==> flow/design.v <==
module cpu_mult_rtl_pp_row #(parameter N = 4) (
    input wire [N-1:0] a,
    input wire sel,
    input wire [N-1:0] pin,
    output wire [N:0] pout
);
    assign pout = pin + (a & {N{sel}});
endmodule
module cpu_mult_rtl #(
    parameter W = 9
) (
    input wire ck,
    input wire i_rst_n,
    input wire [W-1:0] in_first,
    input wire [W-1:0] in_second,
    output wire [2*W-1:0] out_res
);
    reg [W-1:0] first_reg;
    reg [W-1:0] second_reg;
    always @(posedge ck) begin
        if (~i_rst_n) begin
            first_reg <= 0;
            second_reg <= 0;
        end else begin
            first_reg <= in_first;
            second_reg <= in_second;
        end
    end
    wire [W:0] node [0:W];
    wire [W-1:0] lo;
    assign node[0] = 0;
    genvar k;
    generate
        for (k = 0; k < W; k = k + 1) begin : stage
            cpu_mult_rtl_pp_row #(.N(W)) el (.a(first_reg), .sel(second_reg[k]), .pin(node[k][W:1]), .pout(node[k+1]));
            assign lo[k] = node[k+1][0];
        end
    endgenerate
    assign out_res = {node[W][W:1], lo};
endmodule
### Tool chain data of cpu_mult_rtl

What the tools print for cpu_mult_rtl, step after step.
Lines are those of the file above, counted from 1.
The mark n/a stands for no value.

| inputs | value |
|---|---|
| top | cpu_mult_rtl |
| clock port | ck |
| cell library | sky130hd |
| timing corner | tt_025C_1v80 |

### Word level

Yosys after proc, flatten, opt, wreduce and memory -nomap, before mapping. Enables and synchronous resets that opt folds into registers are not counted as muxes. Memory bits, and registers merged into a memory's read port (data or address), are not among the register bits. Print and check cells are not counted. Equal cells are merged and count once.

| bit counts | value |
|---|---|
| output and inout port bits | 18 |
| word-level cells | 19 |
| bits in read-only memories | 0 |
| RAM bits | 0 |
| clocked read ports x word width | 0 |
| memories kept | 0 |
| register bits after elaboration | 18 |
| bits in latches | 0 |
| input bits | 20 |

| operators by class | value |
|---|---|
| multiply operators | 0 |
| reductions and logical operators | 0 |
| mux-type cells | 0 |
| bitwise operators | 9 |
| $add $sub $neg | 8 |
| shift operators | 0 |
| divide/modulo/power cells | 0 |
| magnitude comparators | 0 |
| equal/unequal tests | 0 |

Operator list:

| kind | count |
|---|---|
| AND 9 bit | 9 |
| adder 9 x 10 -> 10 bit | 7 |
| adder 8 x 10 -> 10 bit | 1 |

### Logic depth

Yosys ltp: most cells in a row. Word level: on the elaborated netlist, between registers, memories and ports. Mapped: between sequential cells and ports; inverters and the memories' decode and read muxes count.

| depth | value |
|---|---|
| depth after elaboration | 9 |
| ABC_AREA | 0 |
| gate-level depth with buffers | 42 |
| mapped depth without buffers | 42 |

### Synthesis result

Source: synth_stat.txt of the flow (Yosys; design flattened, memories mapped). It holds for the ABC_AREA given above (unset counts as 0); a run with the other value may have another netlist.
The area totals of this step are shown rounded.

Cell types:

| type | count | total area (sq um) |
|---|---|---|
| sky130_fd_sc_hd__ha_1 | 72 | 900.864 |
| sky130_fd_sc_hd__and2_1 | 93 | 581.808 |
| sky130_fd_sc_hd__dfxtp_1 | 18 | 360.346 |
| sky130_fd_sc_hd__xnor2_1 | 41 | 359.094 |
| sky130_fd_sc_hd__a21o_1 | 26 | 195.187 |
| sky130_fd_sc_hd__a21oi_1 | 35 | 175.168 |
| sky130_fd_sc_hd__fa_1 | 8 | 160.154 |
| sky130_fd_sc_hd__inv_1 | 32 | 120.115 |
| sky130_fd_sc_hd__xor2_1 | 13 | 113.859 |
| sky130_fd_sc_hd__o21ai_0 | 21 | 105.101 |
| sky130_fd_sc_hd__nor2_1 | 26 | 97.594 |
| sky130_fd_sc_hd__nand4_1 | 10 | 62.56 |
| sky130_fd_sc_hd__nand2_1 | 14 | 52.55 |
| sky130_fd_sc_hd__nor2b_1 | 8 | 50.048 |
| sky130_fd_sc_hd__a211oi_1 | 6 | 45.043 |
| sky130_fd_sc_hd__o21a_1 | 6 | 45.043 |
| sky130_fd_sc_hd__o21bai_1 | 6 | 45.043 |
| sky130_fd_sc_hd__a31oi_1 | 7 | 43.792 |

Other cell types: 19; their cells: 35.

| mapped netlist | value |
|---|---|
| standard cells after synthesis | 477 |
| buffer cells | 1 |
| cell area after synthesis | 3771 sq um |
| sequential part of the area | 360.3 sq um |
| mapped flip-flops | 18 |

The figures by module come from a second, unflattened synthesis with its own total; it is not the netlist above.

| second synthesis, totals | value |
|---|---|
| cell total of the unflattened synthesis | 497 |
| area (unflattened synthesis) | 4177 sq um |

Rows give one instance, submodules left out.

Modules:

| module | instances | area (sq um) | seq. area (sq um) | cells |
|---|---|---|---|---|
| cpu_mult_rtl_pp_row (N=9) | 9 | 407.9 | 0.0 | 51 |
| cpu_mult_rtl | 1 | 505.5 | 360.3 | 38 |

### Worst setup path after synthesis

Path of least setup slack by OpenSTA after synthesis, without wires, with an ideal clock, recovery checks aside; 20% of the period is set as input and as output delay. Where synthesis merged equal registers, the netlist keeps one of their names.

| timing after synthesis | value |
|---|---|
| path kind | register to output |
| start point | register first_reg[1] |
| end point | output port out_res[16] |
| period | 11.9 ns |
| launch time at the first pin | 0.000 ns |
| path delay | 7.640 ns |
| external output delay | 2.380 ns |
| path slack | 1.880 ns |
| required time | 9.520 ns |
| stages on the path | 42 |
| arrival time | 7.640 ns |
| path buffers | 0 |
| period reached after synthesis | 10.02 ns |

"path delay" = arrival - input delay + setup time.
At an output port there is no setup time.
"stages on the path" counts driving pins, that of a launching flip-flop among them; a cell with two outputs on the path counts twice.
"period reached after synthesis" = period - worst setup slack (recovery checks aside). The figure is calculated, with input and output delays left at 20% of the set period.
Between the ends stands the longest chain of elaborated cells between them, by number of cells; it is not shown to be the way that was timed. Of several equally long chains one is given.
Each line given opens the expression or statement behind the cell; cells for indexed reads and writes are added by Yosys, which also makes memories of some case tables.

| between the ends, after synthesis | value |
|---|---|
| cell sequence | sky130_fd_sc_hd__dfxtp_1 sky130_fd_sc_hd__and2_1 sky130_fd_sc_hd__ha_1 sky130_fd_sc_hd__fa_1 sky130_fd_sc_hd__a21o_2 sky130_fd_sc_hd__a211oi_1 sky130_fd_sc_hd__nor2_1 sky130_fd_sc_hd__ha_1 sky130_fd_sc_hd__a21o_1 sky130_fd_sc_hd__a21oi_1 sky130_fd_sc_hd__nand2_1 sky130_fd_sc_hd__xor2_1 sky130_fd_sc_hd__ha_1 sky130_fd_sc_hd__nand3_1 sky130_fd_sc_hd__o22ai_1 sky130_fd_sc_hd__nor2_1 sky130_fd_sc_hd__xnor2_1 sky130_fd_sc_hd__ha_1 (+6 left out) sky130_fd_sc_hd__xor2_1 sky130_fd_sc_hd__ha_1 sky130_fd_sc_hd__o21a_1 sky130_fd_sc_hd__o31a_1 sky130_fd_sc_hd__o21a_1 sky130_fd_sc_hd__nor2_1 sky130_fd_sc_hd__xnor2_1 sky130_fd_sc_hd__ha_1 sky130_fd_sc_hd__nor2b_1 sky130_fd_sc_hd__a41o_1 sky130_fd_sc_hd__nor2_1 sky130_fd_sc_hd__xnor2_1 sky130_fd_sc_hd__ha_1 sky130_fd_sc_hd__inv_1 sky130_fd_sc_hd__o22ai_1 sky130_fd_sc_hd__nor3_1 sky130_fd_sc_hd__o21bai_1 sky130_fd_sc_hd__xor2_1 |
| cells in the longest elaborated chain | 9 |
| elaborated cells on any way between the ends | 17 |
| RTL lines with such cells | 1 |
| those cells by class | 8 x add/sub; 9 x logic |

Ends and longest elaborated chain, after synthesis:

| item | line | source |
|---|---|---|
| start: declaration | 18 | `reg [W-1:0] first_reg;` |
| start: assignment | 22 | `first_reg <= 0;` |
| start: assignment | 25 | `first_reg <= in_first;` |
| AND 9 bit | 7 | `assign pout = pin + (a & {N{sel}});` |
| adder 8 x 10 -> 10 bit | 7 |  |
| adder 9 x 10 -> 10 bit x7 | 7 |  |
| end: declaration | 16 | `output wire [2*W-1:0] out_res` |

### Path in the finished layout

Path of least setup slack in the final report of run 1 (OpenROAD, finished layout, wires in). Where an end is a register, its clock arrival counts in the times.

| timing post-layout | value |
|---|---|
| path kind | register to output |
| start point | register second_reg[0] |
| end point | output port out_res[17] |
| path buffers | 4 |
| launch time at the first pin | 0.25 ns |
| path slack | -0.06 ns |
| external output delay | 2.02 ns |
| arrival time | 8.14 ns |
| required time | 8.08 ns |
| period | 10.1 ns |
| stages on the path | 42 |

Between the ends stands the longest chain of elaborated cells between them, by number of cells; it is not shown to be the way that was timed. Of several equally long chains one is given.

| between the ends, post-layout | value |
|---|---|
| cell sequence | sky130_fd_sc_hd__dfxtp_2 sky130_fd_sc_hd__and2_4 sky130_fd_sc_hd__ha_4 sky130_fd_sc_hd__fa_2 sky130_fd_sc_hd__buf_6 sky130_fd_sc_hd__a211oi_4 sky130_fd_sc_hd__nor2_2 sky130_fd_sc_hd__o21a_1 sky130_fd_sc_hd__nor2_1 sky130_fd_sc_hd__xnor2_1 sky130_fd_sc_hd__ha_1 sky130_fd_sc_hd__and3_1 sky130_fd_sc_hd__a22o_1 sky130_fd_sc_hd__nor2_2 sky130_fd_sc_hd__xnor2_2 sky130_fd_sc_hd__ha_1 sky130_fd_sc_hd__a21o_1 sky130_fd_sc_hd__a31oi_1 (+6 left out) sky130_fd_sc_hd__xnor2_1 sky130_fd_sc_hd__ha_1 sky130_fd_sc_hd__buf_4 sky130_fd_sc_hd__xnor2_2 sky130_fd_sc_hd__ha_4 sky130_fd_sc_hd__o21ai_2 sky130_fd_sc_hd__o21bai_1 sky130_fd_sc_hd__xor2_1 sky130_fd_sc_hd__ha_1 sky130_fd_sc_hd__o21ai_1 sky130_fd_sc_hd__a31oi_1 sky130_fd_sc_hd__nor2_1 sky130_fd_sc_hd__xnor2_1 sky130_fd_sc_hd__ha_1 sky130_fd_sc_hd__a21o_1 sky130_fd_sc_hd__a211oi_2 sky130_fd_sc_hd__a21oi_1 sky130_fd_sc_hd__buf_2 |
| cells in the longest elaborated chain | 9 |
| elaborated cells on any way between the ends | 9 |
| RTL lines with such cells | 1 |
| those cells by class | 8 x add/sub; 1 x logic |

Ends and longest elaborated chain, post-layout:

| item | line | source |
|---|---|---|
| start: declaration | 19 | `reg [W-1:0] second_reg;` |
| start: assignment | 23 | `second_reg <= 0;` |
| start: assignment | 26 | `second_reg <= in_second;` |
| AND 9 bit | 7 | `assign pout = pin + (a & {N{sel}});` |
| adder 8 x 10 -> 10 bit | 7 |  |
| adder 9 x 10 -> 10 bit x7 | 7 |  |
| end: declaration | 16 | `output wire [2*W-1:0] out_res` |

Record of 3 stored runs of the RTL-to-layout flow on cpu_mult_rtl, platform sky130hd. The runs are unordered. Constraints: input delay and output delay 20% of the set period each, output load 0.01 pF.
"clock period reached" = clock period - worst setup slack. The figure is calculated, with input and output delays left at 20% of the set period.
By "worst path time" is meant the share of the clock period that the worst setup path is allowed (20% is reserved at inputs, 20% at outputs), minus its slack. Clock arrival times at its registers enter into it.
"power consumption" is the tool's figure for a default switching activity; nothing was simulated.
Results are given in rounded form.

#### Run 1

| setting | value |
|---|---|
| period_ns | `10.1` |
| CORE_UTILIZATION | `25` |
| PLACE_DENSITY | `0.55` |
| CORE_ASPECT_RATIO | `1.35` |
| CELL_PAD_IN_SITES_GLOBAL_PLACEMENT | `2` |
| CELL_PAD_IN_SITES_DETAIL_PLACEMENT | `0` |
| CTS_CLUSTER_SIZE | `35` |
| CTS_CLUSTER_DIAMETER | `86` |
| CAP_MARGIN | `20` |
| CORE_MARGIN | `2` |
| SLEW_MARGIN | `20` |

| result | value |
|---|---|
| area of the synthesized netlist | 3771 sq um |
| die size | 16090 sq um |
| standard-cell area after layout | 5774 sq um |
| final design utilization | 0.388 |
| setup slack of the worst path | -0.060 ns |
| final setup TNS | -0.147 ns |
| worst-case hold slack | 2.345 ns |
| power consumption | 408.3 uW |
| clock period reached | 10.160 ns |
| worst path time | 8.14 ns |
| critical path kind | register to output |

#### Run 2

| setting | value |
|---|---|
| period_ns | `8.01` |
| CORE_UTILIZATION | `71` |
| SETUP_SLACK_MARGIN | `0.4` |
| PLACE_DENSITY_LB_ADDON | `0.09` |
| ABC_AREA | `1` |
| GPL_TIMING_DRIVEN | `0` |
| CTS_CLUSTER_DIAMETER | `168` |
| CAP_MARGIN | `10` |
| CORE_MARGIN | `2` |
| SLEW_MARGIN | `20` |

Stopped before the end: clock tree synthesis reported DPL-0038.

#### Run 3

| setting | value |
|---|---|
| period_ns | `11.9` |
| CAP_MARGIN | `20` |
| CORE_MARGIN | `2` |
| CORE_UTILIZATION | `40` |
| SLEW_MARGIN | `20` |

| result | value |
|---|---|
| area of the synthesized netlist | 3771 sq um |
| die size | 10220 sq um |
| standard-cell area after layout | 4402 sq um |
| final design utilization | 0.479 |
| setup slack of the worst path | 0.565 ns |
| final setup TNS | 0.000 ns |
| worst-case hold slack | 2.689 ns |
| power consumption | 258.2 uW |
| clock period reached | 11.335 ns |
| worst path time | 8.95 ns |
| critical path kind | register to output |
